==> flow/design.v <==
module subtractor_rtl #(
    parameter integer W = 48
) (
    input  wire clk,
    input  wire resetn,
    input  wire signed [W-1:0] A,
    input  wire signed [W-1:0] B,
    input  wire minus,
    output reg [W-1:0] d,
    output reg co
);
    wire [W-1:0] aux;
    assign aux = B ^ {W{minus}};
    wire [W-1:0] r;
    assign r = $unsigned(A) + aux + minus;
    always @(posedge clk or negedge resetn) begin
        if (!resetn) begin
            d <= 0;
            co <= 1'b0;
        end else begin
            d <= r[W-1:0];
            co <= (A[W-1] == aux[W-1]) && (r[W-1] != A[W-1]);
        end
    end
endmodule
Tool chain data of subtractor_rtl. Tool output for the design above, in the order of the flow. Lines are those of the file above, counted from 1. Not given: --

Top module: subtractor_rtl. Clock: clk. Library: sky130hd. Timing corner: tt_025C_1v80.

Word level. Counts by Yosys on the flattened word-level netlist (proc, flatten, opt, wreduce; memories kept). Register bits leave out memories and registers merged into their read ports (data or address); mux counts leave out enables and synchronous resets folded into registers. Print and check cells are left out. Cells with the same type and inputs are merged into one.

Under bitwise operators stands 1. For reductions and logical operators the number is 1. For equal/unequal tests the number is 2. The figure for $add $sub $neg is 2.

Operators by type and width (number): adder 48 x 1 -> 48 bit (1); adder 48 bit (1); XOR 48 bit (1); == test 1 bit (1); inequality test 1 bit (1); logical AND 1 bit (1).

The entry for register bits reads 49. For output and inout bits the number is 49. The entry for elaborated cells reads 8. Input bits: 99.

Depth. Longest topological path by Yosys (ltp), each cell counted once; first at word level (registers and memories cut), then after technology mapping (sequential cells cut; the memories' decode and read muxes count).

Under depth in word-level cells stands 5. Under ABC_AREA stands 0. For gate-level depth with buffers the number is 14. The figure for depth with buffers taken out is 12.

Synthesis result. Yosys stat after the flow's synthesis: flattened, memories mapped to cells. It holds for the ABC_AREA given above (unset counts as 0); a run with the other value may have another netlist. Totals and module areas in this step are rounded.

Cell types: sky130_fd_sc_hd__dfrtp_1 (number 49, area in all 1.23E+03 µm²); sky130_fd_sc_hd__xor2_1 (number 66, area in all 578.054 µm²); sky130_fd_sc_hd__ha_1 (number 46, area in all 575.552 µm²); sky130_fd_sc_hd__a21oi_1 (number 54, area in all 270.259 µm²); sky130_fd_sc_hd__xnor2_1 (number 26, area in all 227.718 µm²); sky130_fd_sc_hd__a21o_1 (number 28, area in all 210.202 µm²); sky130_fd_sc_hd__o21ai_0 (number 22, area in all 110.106 µm²); sky130_fd_sc_hd__nand2_1 (number 25, area in all 93.84 µm²); sky130_fd_sc_hd__nor2_1 (number 23, area in all 86.333 µm²); sky130_fd_sc_hd__nand4_1 (number 12, area in all 75.072 µm²); sky130_fd_sc_hd__nand3_1 (number 14, area in all 70.067 µm²); sky130_fd_sc_hd__o21bai_1 (number 8, area in all 60.058 µm²); sky130_fd_sc_hd__inv_1 (number 14, area in all 52.55 µm²); sky130_fd_sc_hd__clkbuf_1 (number 13, area in all 48.797 µm²); sky130_fd_sc_hd__nor3_1 (number 9, area in all 45.043 µm²); sky130_fd_sc_hd__and2_1 (number 7, area in all 43.792 µm²); sky130_fd_sc_hd__o31ai_1 (number 5, area in all 37.536 µm²); sky130_fd_sc_hd__nand2b_1 (number 5, area in all 31.28 µm²).

Not listed: further types 32, cells in them 54.

The entry for cell area after synthesis reads 4320 µm². The entry for sequential part of the area reads 1230 µm². The entry for buffer cells reads 18. For mapped flip-flops the number is 49. The entry for standard cells after synthesis reads 480.

Timing after synthesis. Path of least setup slack by OpenSTA after synthesis, without wires, with an ideal clock, recovery checks aside; 20% of the period is set as input and as output delay. Where synthesis merged equal registers, the netlist keeps one of their names.

Kind: input to register. Start point: in minus. End point: reg d[44]. The figure for required time is 4.860 ns. The figure for arrival time is 4.071 ns. For delay of the path the number is 3.163 ns. Under buffers on the path stands 2. External input delay: 0.988 ns. The entry for path slack reads 0.789 ns. Setup time: 0.080 ns. Under stages on the path stands 13. For period the number is 4.94 ns. The figure for launch time at the first pin is 0.988 ns. Under synthesis period reached stands 4.151 ns.

"delay of the path" is the arrival time less input delay plus setup time. "stages on the path": output pins that drive a net of the path, with the launching flip-flop's if there is one; two outputs of one cell count as two. "synthesis period reached" is the clock period less the worst setup slack; recovery checks do not enter. This is arithmetic on one report: input and output delays are still those of the set period (20% each). Between the ends stands the longest chain of elaborated cells between them, by number of cells; it is not shown to be the way that was timed. Of several equally long chains one is given. Each line given opens the expression or statement behind the cell; cells for indexed reads and writes are added by Yosys, which also makes memories of some case tables.

Path through: sky130_fd_sc_hd__buf_1 > sky130_fd_sc_hd__buf_1 > sky130_fd_sc_hd__xor2_1 > sky130_fd_sc_hd__ha_1 > sky130_fd_sc_hd__nand3_1 > sky130_fd_sc_hd__a211o_1 > sky130_fd_sc_hd__a31oi_2 > sky130_fd_sc_hd__o2111ai_2 > sky130_fd_sc_hd__a2111oi_4 > sky130_fd_sc_hd__nor2_1 > sky130_fd_sc_hd__and2_4 > sky130_fd_sc_hd__o31ai_2 > sky130_fd_sc_hd__xnor2_1. Under length of the longest elaborated chain stands 3. The figure for elaborated cells between the ends (all ways) is 3. The entry for source lines of those cells reads 2. Classes of those cells: 2 x add/sub; 1 x logic.

RTL lines, path post-synthesis: start: declaration (line 8) `input  wire minus,`; XOR 48 bit (line 13) `assign aux = B ^ {W{minus}};`; adder 48 bit (line 15) `assign r = $unsigned(A) + aux + minus;`; adder 48 x 1 -> 48 bit (line 15); end: assignment (line 18) `d <= 0;`; end: assignment (line 21) `d <= r[W-1:0];`; end: declaration (line 9) `output reg [W-1:0] d,`.

Timing after layout. From the final timing report of job 1: the path of least setup slack in the routed layout; clock arrival at registers is part of the times.

Kind: input to register. Start point: in B[15]. End point: reg d[46]. Under stages on the path stands 14. External input delay: 0.62 ns. Setup time: 0.11 ns. The figure for launch time at the first pin is 0.62 ns. Under buffers on the path stands 3. For period the number is 3.11 ns. The figure for required time is 3.28 ns. The entry for path slack reads 0.02 ns. The figure for arrival time is 3.27 ns.

Between the ends stands the longest chain of elaborated cells between them, by number of cells; it is not shown to be the way that was timed. Of several equally long chains one is given.

Path through: sky130_fd_sc_hd__clkdlybuf4s50_1 > sky130_fd_sc_hd__xor2_1 > sky130_fd_sc_hd__ha_1 > sky130_fd_sc_hd__buf_4 > sky130_fd_sc_hd__a21oi_1 > sky130_fd_sc_hd__o21a_1 > sky130_fd_sc_hd__o31ai_4 > sky130_fd_sc_hd__o2111ai_4 > sky130_fd_sc_hd__a2111oi_4 > sky130_fd_sc_hd__buf_4 > sky130_fd_sc_hd__nor3_4 > sky130_fd_sc_hd__o31ai_2 > sky130_fd_sc_hd__a21oi_1 > sky130_fd_sc_hd__xnor2_1. Under length of the longest elaborated chain stands 3. The figure for elaborated cells between the ends (all ways) is 3. The entry for source lines of those cells reads 2. Classes of those cells: 2 x add/sub; 1 x logic.

RTL lines, path post-layout: start: declaration (line 7) `input  wire signed [W-1:0] B,`; XOR 48 bit (line 13) `assign aux = B ^ {W{minus}};`; adder 48 bit (line 15) `assign r = $unsigned(A) + aux + minus;`; adder 48 x 1 -> 48 bit (line 15); end: assignment (line 18) `d <= 0;`; end: assignment (line 21) `d <= r[W-1:0];`; end: declaration (line 9) `output reg [W-1:0] d,`.

Wiki page: subtractor_rtl / flow data

Settings and measured results of 3 stored flow runs for module subtractor_rtl (sky130hd), not sorted in any way. The constraints put input and output delay at 20% of the set period each and load the outputs with 0.01 pF. "critical path time" is the time allowed to the run's worst setup path (the clock period less input and output delay, where it has them) less its slack. Clock arrival times count: a late capture clock shortens it, a late launch clock lengthens it. By "total power after layout" is meant OpenSTA's value without simulated activity: inputs other than the clock are taken to toggle once in ten clock periods, and the tool carries that through the logic. The measured numbers are rounded.

Files of job 1:
==> flow/run.sh <==
#!/bin/bash
# the make line also repeats the synthesis and layout settings of config.mk as NAME=value (left out here)
make -C /OpenROAD-flow-scripts/flow DESIGN_CONFIG=/design/flow/config.mk WORK_HOME=/design/flow/orfs CLKGATE_MAP_FILE= finish
==> flow/config.mk <==
export PLATFORM = sky130hd
export DESIGN_NAME = subtractor_rtl
export DESIGN_NICKNAME = subtractor_rtl
export VERILOG_FILES = /design/flow/design.v
export SDC_FILE = /design/flow/constraint.sdc
export NUM_CORES = 4
export LEC_CHECK = 0
export ABC_AREA = 0
export CAP_MARGIN = 20
export CORE_ASPECT_RATIO = 1.01
export CORE_MARGIN = 2
export CORE_UTILIZATION = 31
export CTS_CLUSTER_DIAMETER = 240
export MAX_ROUTING_LAYER = met5
export PLACE_DENSITY = 0.53
export SETUP_SLACK_MARGIN = -0.05
export SLEW_MARGIN = 20
==> flow/constraint.sdc <==
create_clock -name core_clock -period 3.11 [get_ports {clk}]
set_input_delay 0.6220 -clock core_clock [delete_from_list [all_inputs] [get_ports {clk}]]
set_output_delay 0.6220 -clock core_clock [all_outputs]
set_load 0.01 [all_outputs]

Results of job 1. The total power after layout stands at 3.70 mW. For the setup total negative slack the run shows 0.000 ns. The die outline area is 14900 µm². The worst setup slack after layout is 0.016 ns. For the utilization the run shows 57.2 %. The critical path time comes to 2.47 ns. Class of the worst setup path: input to register. The chip area in the Yosys report stands at 4320 µm².

Files of job 2:
==> flow/run.sh <==
#!/bin/bash
# the make line also repeats the synthesis and layout settings of config.mk as NAME=value (left out here)
make -C /OpenROAD-flow-scripts/flow DESIGN_CONFIG=/design/flow/config.mk WORK_HOME=/design/flow/orfs CLKGATE_MAP_FILE= finish
==> flow/config.mk <==
export PLATFORM = sky130hd
export DESIGN_NAME = subtractor_rtl
export DESIGN_NICKNAME = subtractor_rtl
export VERILOG_FILES = /design/flow/design.v
export SDC_FILE = /design/flow/constraint.sdc
export NUM_CORES = 4
export LEC_CHECK = 0
export CAP_MARGIN = 20
export CORE_MARGIN = 2
export CORE_UTILIZATION = 40
export SLEW_MARGIN = 20
==> flow/constraint.sdc <==
create_clock -name core_clock -period 4.94 [get_ports {clk}]
set_input_delay 0.9880 -clock core_clock [delete_from_list [all_inputs] [get_ports {clk}]]
set_output_delay 0.9880 -clock core_clock [all_outputs]
set_load 0.01 [all_outputs]

Results of job 2. The total power after layout stands at 1.90 mW. For the setup total negative slack the run shows 0.000 ns. The die outline area is 11600 µm². The worst setup slack after layout is 0.853 ns. For the utilization the run shows 57.8 %. The critical path time comes to 3.10 ns. Class of the worst setup path: input to register. The chip area in the Yosys report stands at 4320 µm².

Files of job 3:
==> flow/run.sh <==
#!/bin/bash
# the make line also repeats the synthesis and layout settings of config.mk as NAME=value (left out here)
make -C /OpenROAD-flow-scripts/flow DESIGN_CONFIG=/design/flow/config.mk WORK_HOME=/design/flow/orfs CLKGATE_MAP_FILE= finish
==> flow/config.mk <==
export PLATFORM = sky130hd
export DESIGN_NAME = subtractor_rtl
export DESIGN_NICKNAME = subtractor_rtl
export VERILOG_FILES = /design/flow/design.v
export SDC_FILE = /design/flow/constraint.sdc
export NUM_CORES = 4
export LEC_CHECK = 0
export CAP_MARGIN = 20
export CORE_ASPECT_RATIO = 1.61
export CORE_MARGIN = 2
export CORE_UTILIZATION = 46
export CTS_CLUSTER_DIAMETER = 291
export MAX_ROUTING_LAYER = met4
export PLACE_DENSITY = 0.63
export SETUP_SLACK_MARGIN = 0.37
export SLEW_MARGIN = 15
==> flow/constraint.sdc <==
create_clock -name core_clock -period 3.85 [get_ports {clk}]
set_input_delay 0.7700 -clock core_clock [delete_from_list [all_inputs] [get_ports {clk}]]
set_output_delay 0.7700 -clock core_clock [all_outputs]
set_load 0.01 [all_outputs]

Results of job 3. The total power after layout stands at 2.69 mW. For the setup total negative slack the run shows 0.000 ns. The die outline area is 10200 µm². The worst setup slack after layout is 0.390 ns. For the utilization the run shows 73.2 %. The critical path time comes to 2.69 ns. Class of the worst setup path: input to register. The chip area in the Yosys report stands at 4320 µm².
